==> flow/design.v <==
module cpu_sel_unit #(
   parameter XLEN = 10,
   parameter LANES = 16,
   parameter SEL_WIDTH = $clog2(LANES)
) (
   input wire clk_i,
   input wire RSTN,
   input wire enable,
   input wire [LANES*XLEN-1:0] d_in,
   input wire [SEL_WIDTH-1:0] choose_in,
   output wire [XLEN-1:0] y_out
);
   reg [LANES*XLEN-1:0] d_ff;
   always @(posedge clk_i or negedge RSTN) begin
      if (~RSTN) begin
         d_ff <= 0;
      end else if (enable) begin
         d_ff <= d_in;
      end
   end
   reg [SEL_WIDTH-1:0] choose_ff;
   always @(posedge clk_i or negedge RSTN) begin
      if (~RSTN) begin
         choose_ff <= 0;
      end else if (enable) begin
         choose_ff <= choose_in;
      end
   end
   wire [XLEN-1:0] node [1:2*LANES-1];
   genvar i;
   generate
      for (i = 0; i < LANES; i = i + 1) begin : row
         assign node[LANES+i] = d_ff[i*XLEN +: XLEN];
      end
      for (i = 1; i < LANES; i = i + 1) begin : g_bit
         assign node[i] = choose_ff[SEL_WIDTH - $clog2(i+1)] ? node[2*i+1] : node[2*i];
      end
   endgenerate
   assign y_out = node[1];
endmodule
Reports on cpu_sel_unit
The steps from the RTL of cpu_sel_unit to its reports follow in flow order. Line numbers count from 1 in the design file above. Operators carry their Yosys type and port widths (W data, S select, Z words). Cell names lack the library's common part. Not given: -

Top: cpu_sel_unit. Clock: clk_i. Standard-cell library: sky130hd. Timing corner: tt_025C_1v80.

After elaboration
Counts by Yosys on the flattened word-level netlist (proc, flatten, opt, wreduce). Print and check cells are left out. Cells with the same type and inputs are merged into one.

The entry for output and inout port bits reads 10. The entry for flip-flop bits (word level) reads 164. For input bits the number is 167.

Mux-type cells: 15.

Operators with widths (number): $mux W10 (15).

Logic depth
Yosys ltp: most cells in a row. Word level: on the elaborated netlist, between registers, memories and ports. Mapped: between sequential cells and ports; inverters and the memories' decode and read muxes count.

Word-level depth: 4. The figure for ABC_AREA is 0. The entry for gate-level depth with buffers reads 5.

After synthesis
Source: synth_stat.txt of the flow (Yosys; design flattened, memories mapped). It holds for the ABC_AREA given above (unset counts as 0); a run with the other value may have another netlist.

The entry for cells in the netlist reads 433. The figure for synthesis area is 0.0073295 mm². Under sequential part of the area stands 0.0041039 mm². The figure for flip-flops is 164.

Cells by type: dfrtp_1 (number 164, total area 4.1E+03 µm²); mux2_2 (number 164, total area 1.85E+03 µm²); mux4_2 (number 23, total area 517.997 µm²); mux4_1 (number 17, total area 446.678 µm²); a22oi_1 (number 20, total area 150.144 µm²); buf_2 (number 20, total area 100.096 µm²); buf_12 (number 2, total area 40.038 µm²); nand2_1 (number 10, total area 37.536 µm²); buf_8 (number 2, total area 30.029 µm²); clkbuf_1 (number 4, total area 15.014 µm²); nor2b_1 (number 2, total area 12.512 µm²); buf_6 (number 1, total area 11.261 µm²); buf_1 (number 2, total area 7.507 µm²); and2_1 (number 1, total area 6.256 µm²); nor2_1 (number 1, total area 3.754 µm²).

Path before layout
OpenSTA on the mapped netlist: ideal clock, no wires. The path of least setup slack (recovery checks aside). Input and output delay are each 20% of the period. Register names are those of the netlist, which keeps one name where synthesis merged equal registers.

Path type: reg2out. Start: reg (no name shown). End: out y_out[1]. For delay of the path the number is 1.390 ns. Under slack stands 0.346 ns. The figure for clock period is 2.17 ns. Under stages on the path stands 6. For data arrival time the number is 1.390 ns. Synthesis period reached: 1.824 ns.

"delay of the path" is the arrival time less input delay plus setup time. At an output port there is no setup time. "stages on the path" counts driving pins, that of a launching flip-flop among them; a cell with two outputs on the path counts twice. "synthesis period reached" is the clock period less the worst setup slack; recovery checks do not enter. This is arithmetic on one report: input and output delays are still those of the set period (20% each). Between the ends stands the longest chain of elaborated cells between them, by number of cells; it is not shown to be the way that was timed. Of several equally long chains one is given. Each line given opens the expression or statement behind the cell; cells for indexed reads and writes are added by Yosys, which also makes memories of some case tables.

Path through: dfrtp_1 -> buf_6 -> buf_8 -> mux4_2 -> a22oi_1 -> nand2_1. Under length of the longest elaborated chain stands 4. For elaborated cells on any way between the ends the number is 15. Those cells by class: mux (15).

Ends and longest elaborated chain, after synthesis: start, declared (RTL line 21); start, assigned (RTL line 24); start, assigned (RTL line 26); $mux W10 (4 in a row) (RTL line 36); end, declared (RTL line 11) `output wire [XLEN-1:0] y_out`.

Path in the finished layout
From the final timing report of job 1: the path of least setup slack in the routed layout; clock arrival at registers is part of the times.

Path type: reg2out. Start: reg (no name shown). End: out y_out[4]. The figure for clock period is 2.17 ns. Under stages on the path stands 8. Under slack stands -0.46 ns. For data arrival time the number is 2.19 ns.

Between the ends stands the longest chain of elaborated cells between them, by number of cells; it is not shown to be the way that was timed. Of several equally long chains one is given.

Path through: dfrtp_2 -> buf_12 -> buf_12 -> buf_6 -> mux4_2 -> a22oi_2 -> nand2_1 -> buf_2. Under length of the longest elaborated chain stands 4. For elaborated cells on any way between the ends the number is 15. Those cells by class: mux (15).

Ends and longest elaborated chain, post-layout: start, declared (RTL line 21); start, assigned (RTL line 24); start, assigned (RTL line 26); $mux W10 (4 in a row) (RTL line 36); end, declared (RTL line 11) `output wire [XLEN-1:0] y_out`.

==> results <==
Below are 3 stored runs of the flow (Yosys, OpenROAD; platform sky130hd) on cpu_sel_unit, each with its settings and what was measured, unordered. Constraints: input delay and output delay 20% of the set period each, output load 0.01 pF. "clock period reached" is the run's clock period less its worst setup slack. It is reckoned from that one timing run; input and output delays stay at 20% of the period that was set. "time used up by the worst setup path": the worst setup path's part of the clock period (all of it between registers, 20% less for each end at a port) less its slack. A launch clock that arrives late makes it longer, a capture clock that arrives late makes it shorter. By "total design power" is meant OpenSTA's value without simulated activity: inputs other than the clock are taken to toggle once in ten clock periods, and the tool carries that through the logic.

Files of job 1:
==> flow/run.sh <==
#!/bin/bash
# the make line also repeats the synthesis and layout settings of config.mk as NAME=value (left out here)
make -C /OpenROAD-flow-scripts/flow DESIGN_CONFIG=/design/flow/config.mk WORK_HOME=/design/flow/orfs CLKGATE_MAP_FILE= finish
==> flow/config.mk <==
export PLATFORM = sky130hd
export DESIGN_NAME = cpu_sel_unit
export DESIGN_NICKNAME = cpu_sel_unit
export VERILOG_FILES = /design/flow/design.v
export SDC_FILE = /design/flow/constraint.sdc
export NUM_CORES = 4
export LEC_CHECK = 0
export CAP_MARGIN = 20
export CORE_MARGIN = 2
export CORE_UTILIZATION = 40
export SLEW_MARGIN = 20
==> flow/constraint.sdc <==
create_clock -name core_clock -period 2.17 [get_ports {clk_i}]
set_input_delay 0.4340 -clock core_clock [delete_from_list [all_inputs] [get_ports {clk_i}]]
set_output_delay 0.4340 -clock core_clock [all_outputs]
set_load 0.01 [all_outputs]

Results of job 1. The chip area in the Yosys report is 0.0073295 mm². The full die area is 0.0194226 mm². The standard-cell area after routing is 0.0103975 mm². For the post-route utilization the run shows 57.9%. The worst slack on setup checks reads -0.456 ns. The total negative slack reads -4.048 ns. The worst hold slack in the final report reads 0.481 ns. For the total design power the run shows 8.490 mW. The clock period reached is 2.626 ns. The time used up by the worst setup path stands at 2.19 ns. Worst setup path kind: reg2out.

Files of job 2:
==> flow/run.sh <==
#!/bin/bash
# the make line also repeats the synthesis and layout settings of config.mk as NAME=value (left out here)
make -C /OpenROAD-flow-scripts/flow DESIGN_CONFIG=/design/flow/config.mk WORK_HOME=/design/flow/orfs CLKGATE_MAP_FILE= finish
==> flow/config.mk <==
export PLATFORM = sky130hd
export DESIGN_NAME = cpu_sel_unit
export DESIGN_NICKNAME = cpu_sel_unit
export VERILOG_FILES = /design/flow/design.v
export SDC_FILE = /design/flow/constraint.sdc
export NUM_CORES = 4
export LEC_CHECK = 0
export ABC_AREA = 1
export CAP_MARGIN = 20
export CORE_MARGIN = 5
export CORE_UTILIZATION = 64
export CTS_CLUSTER_SIZE = 40
export MIN_ROUTING_LAYER = met1
export PLACE_DENSITY_LB_ADDON = 0.09
export SETUP_SLACK_MARGIN = -0.1
export SLEW_MARGIN = 20
export TNS_END_PERCENT = 60
==> flow/constraint.sdc <==
create_clock -name core_clock -period 1.21 [get_ports {clk_i}]
set_input_delay 0.2420 -clock core_clock [delete_from_list [all_inputs] [get_ports {clk_i}]]
set_output_delay 0.2420 -clock core_clock [all_outputs]
set_load 0.01 [all_outputs]

Outcome of job 2: not finished: routing ended with error DPL-0038.

Files of job 3:
==> flow/run.sh <==
#!/bin/bash
# the make line also repeats the synthesis and layout settings of config.mk as NAME=value (left out here)
make -C /OpenROAD-flow-scripts/flow DESIGN_CONFIG=/design/flow/config.mk WORK_HOME=/design/flow/orfs CLKGATE_MAP_FILE= finish
==> flow/config.mk <==
export PLATFORM = sky130hd
export DESIGN_NAME = cpu_sel_unit
export DESIGN_NICKNAME = cpu_sel_unit
export VERILOG_FILES = /design/flow/design.v
export SDC_FILE = /design/flow/constraint.sdc
export NUM_CORES = 4
export LEC_CHECK = 0
export CAP_MARGIN = 20
export CORE_MARGIN = 2
export CORE_UTILIZATION = 40
export GPL_ROUTABILITY_DRIVEN = 1
export MAX_ROUTING_LAYER = met4
export MIN_ROUTING_LAYER = met1
export SETUP_SLACK_MARGIN = -0.1
export SLEW_MARGIN = 0
==> flow/constraint.sdc <==
create_clock -name core_clock -period 1.73 [get_ports {clk_i}]
set_input_delay 0.3460 -clock core_clock [delete_from_list [all_inputs] [get_ports {clk_i}]]
set_output_delay 0.3460 -clock core_clock [all_outputs]
set_load 0.01 [all_outputs]

Results of job 3. The chip area in the Yosys report is 0.0073295 mm². The full die area is 0.0194226 mm². The standard-cell area after routing is 0.010445 mm². For the post-route utilization the run shows 58.1%. The worst slack on setup checks reads -0.792 ns. The total negative slack reads -7.623 ns. The worst hold slack in the final report reads 0.307 ns. For the total design power the run shows 10.561 mW. The clock period reached is 2.522 ns. The time used up by the worst setup path stands at 2.18 ns. Worst setup path kind: reg2out.
